==> flow/design.v <==
module my_reg_file_mod_entry #(parameter N = 8) (
  input wire clk,
  input wire en,
  input wire [N-1:0] d,
  output reg [N-1:0] q
);
  always @(posedge clk)
    if (en) q <= d;
endmodule
module my_reg_file_mod (aclk, rst_i, wr_en, wa, wdata, rsel, rdata);
  parameter WORDS = 64;
  parameter WIDTH = 12;
  parameter NUM_RD = 3;
  localparam ADDR_W = $clog2(WORDS);
  input aclk;
  input rst_i;
  input wr_en;
  input [ADDR_W-1:0] wa;
  input [WIDTH-1:0] wdata;
  input [NUM_RD*ADDR_W-1:0] rsel;
  output [NUM_RD*WIDTH-1:0] rdata;
  reg wr_en_r;
  reg [ADDR_W-1:0] wa_r;
  reg [WIDTH-1:0] wdata_r;
  always @(posedge aclk) begin
    if (rst_i) begin
      wr_en_r <= 1'b0;
      wa_r <= 0;
      wdata_r <= 0;
    end else begin
      wr_en_r <= wr_en;
      wa_r <= wa;
      wdata_r <= wdata;
    end
  end
  wire [WORDS*WIDTH-1:0] store;
  genvar i;
  generate
    for (i = 0; i < WORDS; i = i + 1) begin : blk
      my_reg_file_mod_entry #(.N(WIDTH)) u (.clk(aclk), .en(wr_en_r && wa_r == i), .d(wdata_r), .q(store[i*WIDTH +: WIDTH]));
    end
  endgenerate
  reg [NUM_RD*ADDR_W-1:0] rsel_r;
  always @(posedge aclk) begin
    if (rst_i) begin
      rsel_r <= 0;
    end else begin
      rsel_r <= rsel;
    end
  end
  wire [NUM_RD*WIDTH-1:0] work;
  genvar j;
  generate
    for (j = 0; j < NUM_RD; j = j + 1) begin : each
      assign work[j*WIDTH +: WIDTH] = store[rsel_r[j*ADDR_W +: ADDR_W]*WIDTH +: WIDTH];
    end
  endgenerate
  reg [NUM_RD*WIDTH-1:0] rdata_r;
  always @(posedge aclk) begin
    if (rst_i) begin
      rdata_r <= 0;
    end else begin
      rdata_r <= work;
    end
  end
  assign rdata = rdata_r;
endmodule
# From RTL to reports: my_reg_file_mod
# Tool output for the design above, in the order of the flow.
# Lines are those of the file above, counted from 1.
# Operators carry their Yosys type and port widths (W data, S select, Z words).
# Cell names lack the library's common part.
# Not given: --
# setup
design,my_reg_file_mod
clk_port,aclk
library,sky130hd
corner,tt_025C_1v80

# After elaboration
# Source: Yosys, flattened and elaborated, memories not mapped. Widths are those after wreduce; folded enables and synchronous resets count as part of the registers. Registers that Yosys merges into a memory's read port (data or address) are not register bits. Print and check cells do not count. Equal cells are merged and count once.
# word_totals
regBits,841
latchBits,0
ram_bits,0
romBits,0
clocked_rd_ports_x_width,0
n_memories,0
inputBits,39
output_inout_bits,36
word_cells,203
# classes
n_addsub,0
mul,3
div,0
n_cmp,0
eq_ne,63
shift,3
n_mux,0
logic,0
reduce_logical,65
# op_table
op,count
$shiftx A768 B11 Y12,3
$eq A6 B6 Y1 const B,32
$eq A6 B5 Y1 const B,16
$logic_and A1 B1 Y1,64
$mul A6 B2 Y8 const B,3
$eq A6 B4 Y1 const B,8
$eq A6 B3 Y1 const B,4
$eq A6 B2 Y1 const B,2
$eq A6 B1 Y1 const B,1
$logic_not A6 Y1,1

# Depth
# Yosys ltp: most cells in a row. Word level: on the elaborated netlist, between registers, memories and ports. Mapped: between sequential cells and ports; inverters and the memories' decode and read muxes count.
# logic_depth
ltp_word,2
ABC_AREA,0
ltp_mapped,9

# Synthesis result
# The flow's flattened synthesis, as Yosys stat reports it; memories are mapped. The netlist is that of the ABC_AREA named above (0 if unset); the other value can give another one.
# synth_totals
stdcells,2368
mapped_area_mm2,0.0435593
seq_area_mm2,0.0245235
ffs,841
buf_cells,207
# types
cell_type,count,area_total_um2
edfxtp_1,768,2.31E+04
mux4_2,540,1.22E+04
dfxtp_1,73,1.46E+03
mux2i_1,125,1251.2
o22ai_1,121,756.976
buf_2,82,410.394
nor2b_1,64,400.384
a211oi_1,51,382.867
mux4_1,13,341.578
nor2_1,79,296.534
buf_6,24,270.259
mux2_2,23,258.998
nand2_1,68,255.245
buf_4,29,217.709
o221ai_1,22,192.685
clkbuf_1,51,191.434
a21oi_1,31,155.149
a221oi_1,13,113.859
# Other cell types: 37; their cells: 191.
# By module: a second synthesis without flattening, with its own total; a netlist apart from the flattened one above.
# hier_totals
hier_cells,2338
hier_area_mm2,0.0437294
# Each row is one instance without its submodules.
# by_module
module,instances,cells,area_mm2,seq_area_mm2
my_reg_file_mod_entry #(N=12),64,12,0.0003603,0.0003603
my_reg_file_mod,1,1570,0.0206673,0.0014614

# Timing after synthesis
# Source: OpenSTA report_checks on the synthesized netlist (no wires, ideal clock, input and output delay 20% of the period each), path of least setup slack; recovery checks are left aside. Register names are those of the netlist, which keeps one name where synthesis merged equal registers.
# synth_path
path_type,reg2reg
start,reg wr_en_r
end,reg blk[1].u.q[0]
period_ps,2610
t_first_pin_ps,0
arrival_time_ps,1705
setup_slack_ps,524
delay_ps,2085
path_stages,5
path_buffers,2
period_less_setup_slack_ps,2086
# "delay_ps" = arrival - input delay + setup time.
# "path_stages": output pins that drive a net of the path, with the launching flip-flop's if there is one; two outputs of one cell count as two.
# "period_less_setup_slack_ps" is the clock period less the worst setup slack; recovery checks do not enter. This is arithmetic on one report: input and output delays are still those of the set period (20% each).
# The rows between start and end are the longest chain of elaborated cells between them; the timing report does not say that the signal goes this way. Where chains are equally long, one stands for them.
# Each line given opens the expression or statement behind the cell; cells for indexed reads and writes are added by Yosys, which also makes memories of some case tables.
# synth_between
cell_sequence,dfxtp_1 > or3b_2 > clkbuf_1 > clkbuf_1 > nor2_1
elab_chain_cells,1
cells_between,1
lines_between,1
classes_between,reduce/logical (1)
# synth_rtl
element,line,text
from (decl),22,reg wr_en_r;
from (assign),27,wr_en_r <= 1'b0;
from (assign),31,wr_en_r <= wr_en;
$logic_and A1 B1 Y1,40,"my_reg_file_mod_entry #(.N(WIDTH)) u (.clk(aclk), .en(wr_en_r && wa_r == i), .d(wdata_r), .q(store[i*WIDTH +: ..."
to (assign),8,if (en) q <= d;
to (decl),5,output reg [N-1:0] q

# Worst path after layout
# From the final timing report of flow run A: the path of least setup slack in the routed layout; clock arrival at registers is part of the times.
# The report prints the path's times to 10 ps; the period is as set.
# layout_path
path_type,reg2reg
start,reg rsel_r[10]
end,reg rdata_r[17]
period_ps,2610
t_first_pin_ps,660
arrival_time_ps,3230
setup_slack_ps,-60
path_stages,8
path_buffers,3
# The rows between start and end are the longest chain of elaborated cells between them; the timing report does not say that the signal goes this way. Where chains are equally long, one stands for them.
# layout_between
cell_sequence,dfxtp_1 > buf_4 > nand3b_1 > buf_4 > o22ai_1 > a211oi_2 > buf_4 > a22o_1
elab_chain_cells,2
cells_between,2
lines_between,1
classes_between,mul (1); shift (1)
# layout_rtl
element,line,text
from (decl),43,reg [NUM_RD*ADDR_W-1:0] rsel_r;
from (assign),46,rsel_r <= 0;
from (assign),48,rsel_r <= rsel;
$mul A6 B2 Y8,55,assign work[j*WIDTH +: WIDTH] = store[rsel_r[j*ADDR_W +: ADDR_W]*WIDTH +: WIDTH];
$shiftx A768 B11 Y12,55,
to (assign),61,rdata_r <= 0;
to (assign),63,rdata_r <= work;
to (decl),58,reg [NUM_RD*WIDTH-1:0] rdata_r;

Design my_reg_file_mod on sky130hd. What follows are 3 stored runs of the flow, each under its own settings; their order means nothing. The constraints put input and output delay at 20% of the set period each and load the outputs with 0.01 pF.
"achievedPeriod_ps" = clock period - worst setup slack. The figure is calculated, with input and output delays left at 20% of the set period.
"critical_path_time_ps" is the time allowed to the run's worst setup path (the clock period less input and output delay, where it has them) less its slack. Clock arrival times count: a late capture clock shortens it, a late launch clock lengthens it.
"total_power_w" is the tool's figure for a default switching activity; nothing was simulated.
"critical_path_time_ps" is given in steps of 10 ps.

Flow run A, flow files:
==> flow/run.sh <==
#!/bin/bash
# the make line also repeats the synthesis and layout settings of config.mk as NAME=value (left out here)
make -C /OpenROAD-flow-scripts/flow DESIGN_CONFIG=/design/flow/config.mk WORK_HOME=/design/flow/orfs CLKGATE_MAP_FILE= finish
==> flow/config.mk <==
export PLATFORM = sky130hd
export DESIGN_NAME = my_reg_file_mod
export DESIGN_NICKNAME = my_reg_file_mod
export VERILOG_FILES = /design/flow/design.v
export SDC_FILE = /design/flow/constraint.sdc
export NUM_CORES = 4
export LEC_CHECK = 0
export CAP_MARGIN = 20
export CORE_MARGIN = 2
export CORE_UTILIZATION = 40
export SLEW_MARGIN = 20
==> flow/constraint.sdc <==
create_clock -name core_clock -period 2.61 [get_ports {aclk}]
set_input_delay 0.5220 -clock core_clock [delete_from_list [all_inputs] [get_ports {aclk}]]
set_output_delay 0.5220 -clock core_clock [all_outputs]
set_load 0.01 [all_outputs]

==> results of flow run A, as CSV <==
result,value
timing.hold.ws_ps,369
finalUtil_pct,48.2
post_synth_area_mm2,0.0435593
fin_ws_ps,-64
finish.stdcell_area_mm2,0.0522288
achievedPeriod_ps,2674
total_power_w,0.032235
final_die_area_mm2,0.111553
final_setup_tns_ps,-76
critical_path_time_ps,2670
worst_setup_path_type,"reg2reg"

Flow run B, flow files:
==> flow/run.sh <==
#!/bin/bash
# the make line also repeats the synthesis and layout settings of config.mk as NAME=value (left out here)
make -C /OpenROAD-flow-scripts/flow DESIGN_CONFIG=/design/flow/config.mk WORK_HOME=/design/flow/orfs CLKGATE_MAP_FILE= finish
==> flow/config.mk <==
export PLATFORM = sky130hd
export DESIGN_NAME = my_reg_file_mod
export DESIGN_NICKNAME = my_reg_file_mod
export VERILOG_FILES = /design/flow/design.v
export SDC_FILE = /design/flow/constraint.sdc
export NUM_CORES = 4
export LEC_CHECK = 0
export CAP_MARGIN = 40
export CELL_PAD_IN_SITES_GLOBAL_PLACEMENT = 1
export CORE_MARGIN = 8
export CORE_UTILIZATION = 40
export CTS_CLUSTER_DIAMETER = 194
export CTS_CLUSTER_SIZE = 15
export GPL_TIMING_DRIVEN = 1
export PLACE_DENSITY_LB_ADDON = 0.23
export SETUP_SLACK_MARGIN = 0.56
export SLEW_MARGIN = 20
==> flow/constraint.sdc <==
create_clock -name core_clock -period 1.94 [get_ports {aclk}]
set_input_delay 0.3880 -clock core_clock [delete_from_list [all_inputs] [get_ports {aclk}]]
set_output_delay 0.3880 -clock core_clock [all_outputs]
set_load 0.01 [all_outputs]

==> results of flow run B, as CSV <==
result,value
timing.hold.ws_ps,275
finalUtil_pct,55.1
post_synth_area_mm2,0.0435593
fin_ws_ps,-482
finish.stdcell_area_mm2,0.0596847
achievedPeriod_ps,2422
total_power_w,0.040194
final_die_area_mm2,0.119713
final_setup_tns_ps,-13503
critical_path_time_ps,2420
worst_setup_path_type,"reg2reg"

Flow run C, flow files:
==> flow/run.sh <==
#!/bin/bash
# the make line also repeats the synthesis and layout settings of config.mk as NAME=value (left out here)
make -C /OpenROAD-flow-scripts/flow DESIGN_CONFIG=/design/flow/config.mk WORK_HOME=/design/flow/orfs CLKGATE_MAP_FILE= finish
==> flow/config.mk <==
export PLATFORM = sky130hd
export DESIGN_NAME = my_reg_file_mod
export DESIGN_NICKNAME = my_reg_file_mod
export VERILOG_FILES = /design/flow/design.v
export SDC_FILE = /design/flow/constraint.sdc
export NUM_CORES = 4
export LEC_CHECK = 0
export CAP_MARGIN = 20
export CELL_PAD_IN_SITES_GLOBAL_PLACEMENT = 3
export CORE_MARGIN = 2
export CORE_UTILIZATION = 70
export CTS_CLUSTER_DIAMETER = 189
export CTS_CLUSTER_SIZE = 25
export GPL_ROUTABILITY_DRIVEN = 1
export GPL_TIMING_DRIVEN = 1
export PLACE_DENSITY_LB_ADDON = 0.06
export SLEW_MARGIN = 20
export TNS_END_PERCENT = 85
==> flow/constraint.sdc <==
create_clock -name core_clock -period 1.56 [get_ports {aclk}]
set_input_delay 0.3120 -clock core_clock [delete_from_list [all_inputs] [get_ports {aclk}]]
set_output_delay 0.3120 -clock core_clock [all_outputs]
set_load 0.01 [all_outputs]

Flow run C: not finished: placement ended with error FLW-0024
